==> flow/design.v <==
module mux #(
   parameter DATA_WIDTH = 8
) (
   input  wire aclk,
   input  wire en,
   input  wire [DATA_WIDTH-1:0] bus0,
   input  wire [DATA_WIDTH-1:0] bus1,
   input  wire [DATA_WIDTH-1:0] bus2,
   input  wire [DATA_WIDTH-1:0] bus3,
   input  wire [DATA_WIDTH-1:0] bus4,
   input  wire [DATA_WIDTH-1:0] bus5,
   input  wire [DATA_WIDTH-1:0] bus6,
   input  wire [DATA_WIDTH-1:0] bus7,
   input  wire [DATA_WIDTH-1:0] bus8,
   input  wire [DATA_WIDTH-1:0] bus9,
   input  wire [DATA_WIDTH-1:0] bus10,
   input  wire [DATA_WIDTH-1:0] bus11,
   input  wire [DATA_WIDTH-1:0] bus12,
   input  wire [DATA_WIDTH-1:0] bus13,
   input  wire [DATA_WIDTH-1:0] bus14,
   input  wire [DATA_WIDTH-1:0] bus15,
   input  wire [3:0] choose,
   output reg [DATA_WIDTH-1:0] data_out
);
   reg [DATA_WIDTH-1:0] bus0_s;
   reg [DATA_WIDTH-1:0] bus1_s;
   reg [DATA_WIDTH-1:0] bus2_s;
   reg [DATA_WIDTH-1:0] bus3_s;
   reg [DATA_WIDTH-1:0] bus4_s;
   reg [DATA_WIDTH-1:0] bus5_s;
   reg [DATA_WIDTH-1:0] bus6_s;
   reg [DATA_WIDTH-1:0] bus7_s;
   reg [DATA_WIDTH-1:0] bus8_s;
   reg [DATA_WIDTH-1:0] bus9_s;
   reg [DATA_WIDTH-1:0] bus10_s;
   reg [DATA_WIDTH-1:0] bus11_s;
   reg [DATA_WIDTH-1:0] bus12_s;
   reg [DATA_WIDTH-1:0] bus13_s;
   reg [DATA_WIDTH-1:0] bus14_s;
   reg [DATA_WIDTH-1:0] bus15_s;
   reg [3:0] choose_s;
   always @(posedge aclk) begin
      if (en) begin
         bus0_s <= bus0;
         bus1_s <= bus1;
         bus2_s <= bus2;
         bus3_s <= bus3;
         bus4_s <= bus4;
         bus5_s <= bus5;
         bus6_s <= bus6;
         bus7_s <= bus7;
         bus8_s <= bus8;
         bus9_s <= bus9;
         bus10_s <= bus10;
         bus11_s <= bus11;
         bus12_s <= bus12;
         bus13_s <= bus13;
         bus14_s <= bus14;
         bus15_s <= bus15;
         choose_s <= choose;
      end
   end
   reg [DATA_WIDTH-1:0] nxt;
   always @(*) begin
      if (choose_s == 0) nxt = bus0_s;
      else if (choose_s == 1) nxt = bus1_s;
      else if (choose_s == 2) nxt = bus2_s;
      else if (choose_s == 3) nxt = bus3_s;
      else if (choose_s == 4) nxt = bus4_s;
      else if (choose_s == 5) nxt = bus5_s;
      else if (choose_s == 6) nxt = bus6_s;
      else if (choose_s == 7) nxt = bus7_s;
      else if (choose_s == 8) nxt = bus8_s;
      else if (choose_s == 9) nxt = bus9_s;
      else if (choose_s == 10) nxt = bus10_s;
      else if (choose_s == 11) nxt = bus11_s;
      else if (choose_s == 12) nxt = bus12_s;
      else if (choose_s == 13) nxt = bus13_s;
      else if (choose_s == 14) nxt = bus14_s;
      else nxt = bus15_s;
   end
   always @(posedge aclk) begin
      if (en) begin
         data_out <= nxt;
      end
   end
endmodule
* Reports on mux
What the tools print for mux, step after step. Lines are those of the file above, counted from 1. Operators carry their Yosys type and port widths (W data, S select, Z words). Library cell names are shortened. The mark - stands for no value.
Set-up: top module mux, clock port aclk, library sky130hd, corner tt_025C_1v80

* Word-level counts
Counts by Yosys on the flattened word-level netlist (proc, flatten, opt, wreduce; memories kept). Register bits leave out memories and registers merged into their read ports (data or address); mux counts leave out enables and synchronous resets folded into registers. Print and check cells are left out. Cells with the same type and inputs are merged into one.
Bit counts: input port bits 134, memory cells 0, memory bits (writable) 0, elaborated cells 48, bits in registers 140, output and inout port bits 8, clocked read ports x word width 0, memory bits (read-only) 0, bits in latches 0
Operators by class: divide/modulo/power cells 0, shift operators 0, multiplexer cells 15, reduce/logical cells 1, add/subtract/negate cells 0, bitwise logic cells 0, magnitude comparators 0, multiply operators 0, eq/ne operators 14
Operators by type and width (number):
- $mux W8 | 15
- $eq A4 B4 Y1 const B | 7
- $eq A4 B3 Y1 const B | 4
- $eq A4 B2 Y1 const B | 2
- $eq A4 B1 Y1 const B | 1
- $logic_not A4 Y1 | 1

* Longest topological paths
Longest topological path by Yosys (ltp), each cell counted once; first at word level (registers and memories cut), then after technology mapping (sequential cells cut; the memories' decode and read muxes count).
Depth: word-level depth 16, ABC_AREA 0, gate-level depth with buffers 7, depth with buffers taken out 5

* Synthesis result
Source: synth_stat.txt of the flow (Yosys; design flattened, memories mapped). It holds for the ABC_AREA given above (unset counts as 0); a run with the other value may have another netlist.
Synthesis totals: mapped flip-flops 140, cell area after synthesis 5906.9 um^2, buffers 25, cell count 390
Cells by type:
- edfxtp_1 | number 140, total area 4.2E+03 um^2
- mux4_2 | number 7, total area 157.651 um^2
- a21oi_1 | number 30, total area 150.144 um^2
- o22ai_1 | number 18, total area 112.608 um^2
- o21ai_0 | number 21, total area 105.101 um^2
- mux2i_1 | number 9, total area 90.086 um^2
- nor2b_1 | number 12, total area 75.072 um^2
- a22oi_1 | number 9, total area 67.565 um^2
- buf_6 | number 6, total area 67.565 um^2
- nand2_1 | number 18, total area 67.565 um^2
- nor2_1 | number 17, total area 63.811 um^2
- a211oi_1 | number 7, total area 52.55 um^2
- buf_4 | number 7, total area 52.55 um^2
- buf_2 | number 7, total area 35.034 um^2
- nand3_1 | number 7, total area 35.034 um^2
- mux2_2 | number 3, total area 33.782 um^2
- nand2b_1 | number 5, total area 31.28 um^2
- a2111oi_2 | number 2, total area 30.029 um^2
Other cell types: 34; their cells: 65.

* Worst setup path after synthesis
Path of least setup slack by OpenSTA after synthesis, without wires, with an ideal clock, recovery checks aside; 20% of the period is set as input and as output delay. Where synthesis merged equal registers, the netlist keeps one of their names.
Path after synthesis: path type register to register, from register (name not given), to register data_out[5], delay of the path 1.691 ns, buffers on the path 1, setup slack 0.420 ns, time at the first pin 0.000 ns, stages on the path 6, data arrival time 1.422 ns, clock period 2.11 ns, synthesis period reached 1.69 ns
"delay of the path" = arrival - input delay + setup time. "stages on the path" counts driving pins, that of a launching flip-flop among them; a cell with two outputs on the path counts twice. "synthesis period reached" is the clock period less the worst setup slack; recovery checks do not enter. This is arithmetic on one report: input and output delays are still those of the set period (20% each). Between the ends stands the longest chain of elaborated cells between them, by number of cells; it is not shown to be the way that was timed. Of several equally long chains one is given. Each line given opens the expression or statement behind the cell; cells for indexed reads and writes are added by Yosys, which also makes memories of some case tables.
Between the ends, after synthesis: cells stage by stage edfxtp_1 > buf_4 > or2b_4 > o32ai_1 > o22a_1 > a22oi_1, cells in the longest elaborated chain 16, elaborated cells on any way between the ends 30, source lines of those cells 15, those cells by class eq/ne: 14; mux: 15; reduce/logical: 1
Ends and longest elaborated chain, after synthesis:
- start, declared | line 41
- start, assigned | line 60
- $eq A4 B4 Y1 | line 79
- $mux W8 | line 79
- $mux W8 | line 78
- $mux W8 | line 77
- $mux W8 | line 76
- $mux W8 | line 75
- $mux W8 | line 74
- [... 2 more ...]
- $mux W8 | line 71
- $mux W8 | line 70
- $mux W8 | line 69
- $mux W8 | line 68
- $mux W8 | line 67
- $mux W8 | line 66
- $mux W8 | line 65
- end, assigned | line 84 | data_out <= nxt;
- end, declared | line 23 | output reg [DATA_WIDTH-1:0] data_out

* Path in the finished layout
Path of least setup slack in the final report of run A (OpenROAD, finished layout, wires in). Where an end is a register, its clock arrival counts in the times.
Path after layout: path type register to register, from register (name not given), to register data_out[0], time at the first pin 0.42 ns, stages on the path 8, clock period 2.11 ns, buffers on the path 2, data arrival time 2.11 ns, setup slack 0.15 ns
Between the ends stands the longest chain of elaborated cells between them, by number of cells; it is not shown to be the way that was timed. Of several equally long chains one is given.
Between the ends, after layout: cells stage by stage edfxtp_1 > buf_12 > inv_1 > buf_4 > o21ai_0 > a211oi_1 > o31ai_1 > a22oi_1, cells in the longest elaborated chain 16, elaborated cells on any way between the ends 30, source lines of those cells 15, those cells by class eq/ne: 14; mux: 15; reduce/logical: 1
Ends and longest elaborated chain, after layout:
- start, declared | line 41
- start, assigned | line 60
- $eq A4 B4 Y1 | line 79
- $mux W8 | line 79
- $mux W8 | line 78
- $mux W8 | line 77
- $mux W8 | line 76
- $mux W8 | line 75
- $mux W8 | line 74
- [... 2 more ...]
- $mux W8 | line 71
- $mux W8 | line 70
- $mux W8 | line 69
- $mux W8 | line 68
- $mux W8 | line 67
- $mux W8 | line 66
- $mux W8 | line 65
- end, assigned | line 84 | data_out <= nxt;
- end, declared | line 23 | output reg [DATA_WIDTH-1:0] data_out

FLOW RESULTS
============

Measured results for mux: 2 stored runs of the Yosys and OpenROAD flow on sky130hd. The settings differ; the order carries no meaning. The constraints put input and output delay at 20% of the set period each and load the outputs with 0.01 pF.
"period achieved" is the run's clock period less its worst setup slack. It is reckoned from that one timing run; input and output delays stay at 20% of the period that was set.
"worst path time" is the time allowed to the run's worst setup path (the clock period less input and output delay, where it has them) less its slack. Clock arrival times count: a late capture clock shortens it, a late launch clock lengthens it.
"total power of the final layout" is the tool's figure for a default switching activity; nothing was simulated.

* Run A | settings: period_ns 2.11; CAP_MARGIN 20; CORE_MARGIN 2; CORE_UTILIZATION 40; SLEW_MARGIN 20 | results: worst path time 1.96 ns; critical path type register to register; total negative setup slack 0.000 ns; die area 15755.3 um^2; period achieved 1.961 ns; standard-cell area after layout 8261.7 um^2; final worst hold slack 0.400 ns; final design utilization 57.1%; smallest setup slack 0.149 ns; post-synthesis cell area 5906.9 um^2; total power of the final layout 0.007651 W
* Run B | settings: period_ns 2.61; CORE_UTILIZATION 26; CELL_PAD_IN_SITES_GLOBAL_PLACEMENT 0; GPL_TIMING_DRIVEN 1; CTS_CLUSTER_DIAMETER 377; MAX_ROUTING_LAYER met5; CAP_MARGIN 20; CORE_MARGIN 2; SLEW_MARGIN 20 | results: worst path time 2.06 ns; critical path type register to register; total negative setup slack 0.000 ns; die area 23939.8 um^2; period achieved 2.064 ns; standard-cell area after layout 8246.7 um^2; final worst hold slack 0.539 ns; final design utilization 36.6%; smallest setup slack 0.546 ns; post-synthesis cell area 5906.9 um^2; total power of the final layout 0.005999 W
